==> flow/design.v <==
module gen_mplex #(
    parameter integer DWIDTH = 2,
    parameter integer INPUTS = 7
) (
    input  i_clk,
    input  [INPUTS*DWIDTH-1:0] bus_in,
    input  [INPUTS-1:0] s_in,
    output [DWIDTH-1:0] out_out
);
    reg [INPUTS*DWIDTH-1:0] bus_q;
    reg [INPUTS-1:0] s_q;
    always @(posedge i_clk) begin
        bus_q <= bus_in;
        s_q <= s_in;
    end
    reg [DWIDTH-1:0] val;
    integer n;
    always @(*) begin
        val = 0;
        for (n = 0; n < INPUTS; n = n + 1)
            val = val | (bus_q[n*DWIDTH +: DWIDTH] & {DWIDTH{s_q[n]}});
    end
    assign out_out = val;
endmodule
==> From RTL to reports: gen_mplex <==
The steps from the RTL of gen_mplex to its reports follow in flow order.
Lines are those of the file above, counted from 1.
Operators carry their Yosys type and port widths (W data, S select, Z words).
Cell names lack the library's common part.
{ "design": {"top_module": "gen_mplex", "clk_port": "i_clk", "lib": "sky130hd", "lib_corner": "tt_025C_1v80"} }

==> After elaboration <==
Counts by Yosys on the flattened word-level netlist (proc, flatten, opt, wreduce; memories kept). Register bits leave out memories and registers merged into their read ports (data or address); mux counts leave out enables and synchronous resets folded into registers. Print and check cells are left out. Cells with the same type and inputs are merged into one.
{ "classes": {"add_sub_neg": 0, "mul": 0, "div_mod_pow": 0, "n_cmp": 0, "n_eq": 0, "n_shift": 0, "muxes": 0, "logic": 13, "reduce_logical": 0} }
{ "ops": {"columns": ["cell", "n"], "rows": [
  ["$and A2 B2 Y2", 7],
  ["$or A2 B2 Y2", 6]
]} }
{ "bits": {"ff_bits": 21, "latch_bits": 0, "ramBits": 0, "romBits": 0, "clocked_rd_ports_x_width": 0, "n_memories": 0, "input_bits": 22, "out_inout_bits": 2, "word_cells": 15} }

==> Logic depth <==
Yosys ltp: most cells in a row. Word level: on the elaborated netlist, between registers, memories and ports. Mapped: between sequential cells and ports; inverters and the memories' decode and read muxes count.
{ "logic_depth": {"ltp_word": 7, "abc_area": 0, "mapped_depth": 2, "ltp_nobuf": 2} }

==> Synthesis result <==
Source: synth_stat.txt of the flow (Yosys; design flattened, memories mapped). It holds for the ABC_AREA given above (unset counts as 0); a run with the other value may have another netlist.
{ "by_type": {"columns": ["cell_type", "n"], "rows": [
  ["dfxtp_1", 21],
  ["a22oi_1", 4],
  ["a222oi_1", 2],
  ["nand3_1", 2]
]} }
{ "mapped": {"stdcells": 29, "yosys_area_um2": 480.5, "sequential_area_um2": 420.4, "ffs": 21} }

==> Path before layout <==
Path of least setup slack by OpenSTA after synthesis, without wires, with an ideal clock, recovery checks aside; 20% of the period is set as input and as output delay. Where synthesis merged equal registers, the netlist keeps one of their names.
{ "synth_path": {"kind": "register to output", "start": "register bus_q[8]", "end": "output port out_out[0]", "period_ps": 1160, "t_first_pin_ps": 0, "arrival_ps": 742, "required_ps": 928, "slack_ps": 186, "delay_ps": 742, "driving_pins": 3, "n_path_buf": 0, "synth_period_reached_ps": 974} }
"delay_ps" = arrival - input delay + setup time.
A path that ends at an output port has no setup time.
"driving_pins": output pins that drive a net of the path, with the launching flip-flop's if there is one; two outputs of one cell count as two.
"synth_period_reached_ps" is the clock period less the worst setup slack; recovery checks do not enter. This is arithmetic on one report: input and output delays are still those of the set period (20% each).
Between the ends stands the longest chain of elaborated cells between them, by number of cells; it is not shown to be the way that was timed. Of several equally long chains one is given.
Each line given opens the expression or statement behind the cell; cells for indexed reads and writes are added by Yosys, which also makes memories of some case tables.
{ "synth_via": {"cell_sequence": "dfxtp_1 -> a222oi_1 -> nand3_1", "elab_chain_cells": 4, "cone_cells": 4, "cone_classes": "logic (4)"} }
{ "synth_rtl": {"columns": ["element", "line", "rtl"], "rows": [
  ["start: declaration", 10, "reg [INPUTS*DWIDTH-1:0] bus_q;"],
  ["start: assignment", 13, "bus_q <= bus_in;"],
  ["$and A2 B2 Y2", 21, "val = val | (bus_q[n*DWIDTH +: DWIDTH] & {DWIDTH{s_q[n]}});"],
  ["$or A2 B2 Y2 x3", 21, null],
  ["end: declaration", 8, "output [DWIDTH-1:0] out_out"]
]} }

==> Timing after layout <==
Path of least setup slack in the final report of flow run A (OpenROAD, finished layout, wires in). Where an end is a register, its clock arrival counts in the times.
The report prints the path's times to 10 ps; the period is as set.
{ "layout_path": {"kind": "register to output", "start": "register s_q[4]", "end": "output port out_out[1]", "period_ps": 856, "t_first_pin_ps": 290, "arrival_ps": 1260, "required_ps": 680, "slack_ps": -570, "driving_pins": 4, "n_path_buf": 1} }
Between the ends stands the longest chain of elaborated cells between them, by number of cells; it is not shown to be the way that was timed. Of several equally long chains one is given.
{ "layout_via": {"cell_sequence": "dfxtp_2 -> a222oi_1 -> nand3_1 -> buf_2", "elab_chain_cells": 4, "cone_cells": 4, "cone_classes": "logic (4)"} }
{ "layout_rtl": {"columns": ["element", "line", "rtl"], "rows": [
  ["start: declaration", 11, "reg [INPUTS-1:0] s_q;"],
  ["start: assignment", 14, "s_q <= s_in;"],
  ["$and A2 B2 Y2", 21, "val = val | (bus_q[n*DWIDTH +: DWIDTH] & {DWIDTH{s_q[n]}});"],
  ["$or A2 B2 Y2 x3", 21, null],
  ["end: declaration", 8, "output [DWIDTH-1:0] out_out"]
]} }

Lab notebook: gen_mplex

Settings and measured results of 3 stored flow runs for module gen_mplex (sky130hd), not sorted in any way. The constraints put input and output delay at 20% of the set period each and load the outputs with 0.01 pF.
"period_less_ws_ps" means the clock period less the worst setup slack. The figure is calculated, with input and output delays left at 20% of the set period.
"power_uw": no workload was simulated; the value follows from the tool's default switching activity.
[
  {
    "run": "flow run A",
    "settings": { "period_ns": 0.856, "CORE_UTILIZATION": 26, "SETUP_SLACK_MARGIN": 0.23, "PLACE_DENSITY_LB_ADDON": 0.17, "CELL_PAD_IN_SITES_DETAIL_PLACEMENT": 2, "GPL_ROUTABILITY_DRIVEN": 1, "CTS_CLUSTER_DIAMETER": 157, "MAX_ROUTING_LAYER": "met5", "CAP_MARGIN": 20, "CORE_MARGIN": 2, "SLEW_MARGIN": 20 },
    "results": { "period_less_ws_ps": 1427, "ws_setup_ps": -571, "post_route_stdcell_area_um2": 759.5, "yosys.chip_area_um2": 480.5, "design_die_area_um2": 2207.6, "power_uw": 1613, "ws_hold_ps": 311 }
  },
  {
    "run": "flow run B",
    "settings": { "period_ns": 1.4, "CORE_UTILIZATION": 55, "SETUP_SLACK_MARGIN": -0.1, "PLACE_DENSITY_LB_ADDON": 0.22, "CORE_ASPECT_RATIO": 0.51, "CELL_PAD_IN_SITES_GLOBAL_PLACEMENT": 2, "CELL_PAD_IN_SITES_DETAIL_PLACEMENT": 1, "GPL_TIMING_DRIVEN": 1, "CTS_CLUSTER_SIZE": 13, "MAX_ROUTING_LAYER": "met5", "CAP_MARGIN": 20, "CORE_MARGIN": 2, "SLEW_MARGIN": 20 },
    "outcome": "not finished: floorplanning ended with error PDN-0185"
  },
  {
    "run": "flow run C",
    "settings": { "period_ns": 1.16, "CAP_MARGIN": 20, "CORE_MARGIN": 2, "CORE_UTILIZATION": 40, "SLEW_MARGIN": 20 },
    "results": { "period_less_ws_ps": 1460, "ws_setup_ps": -300, "post_route_stdcell_area_um2": 745.7, "yosys.chip_area_um2": 480.5, "design_die_area_um2": 1494.2, "power_uw": 1190, "ws_hold_ps": 377 }
  }
]
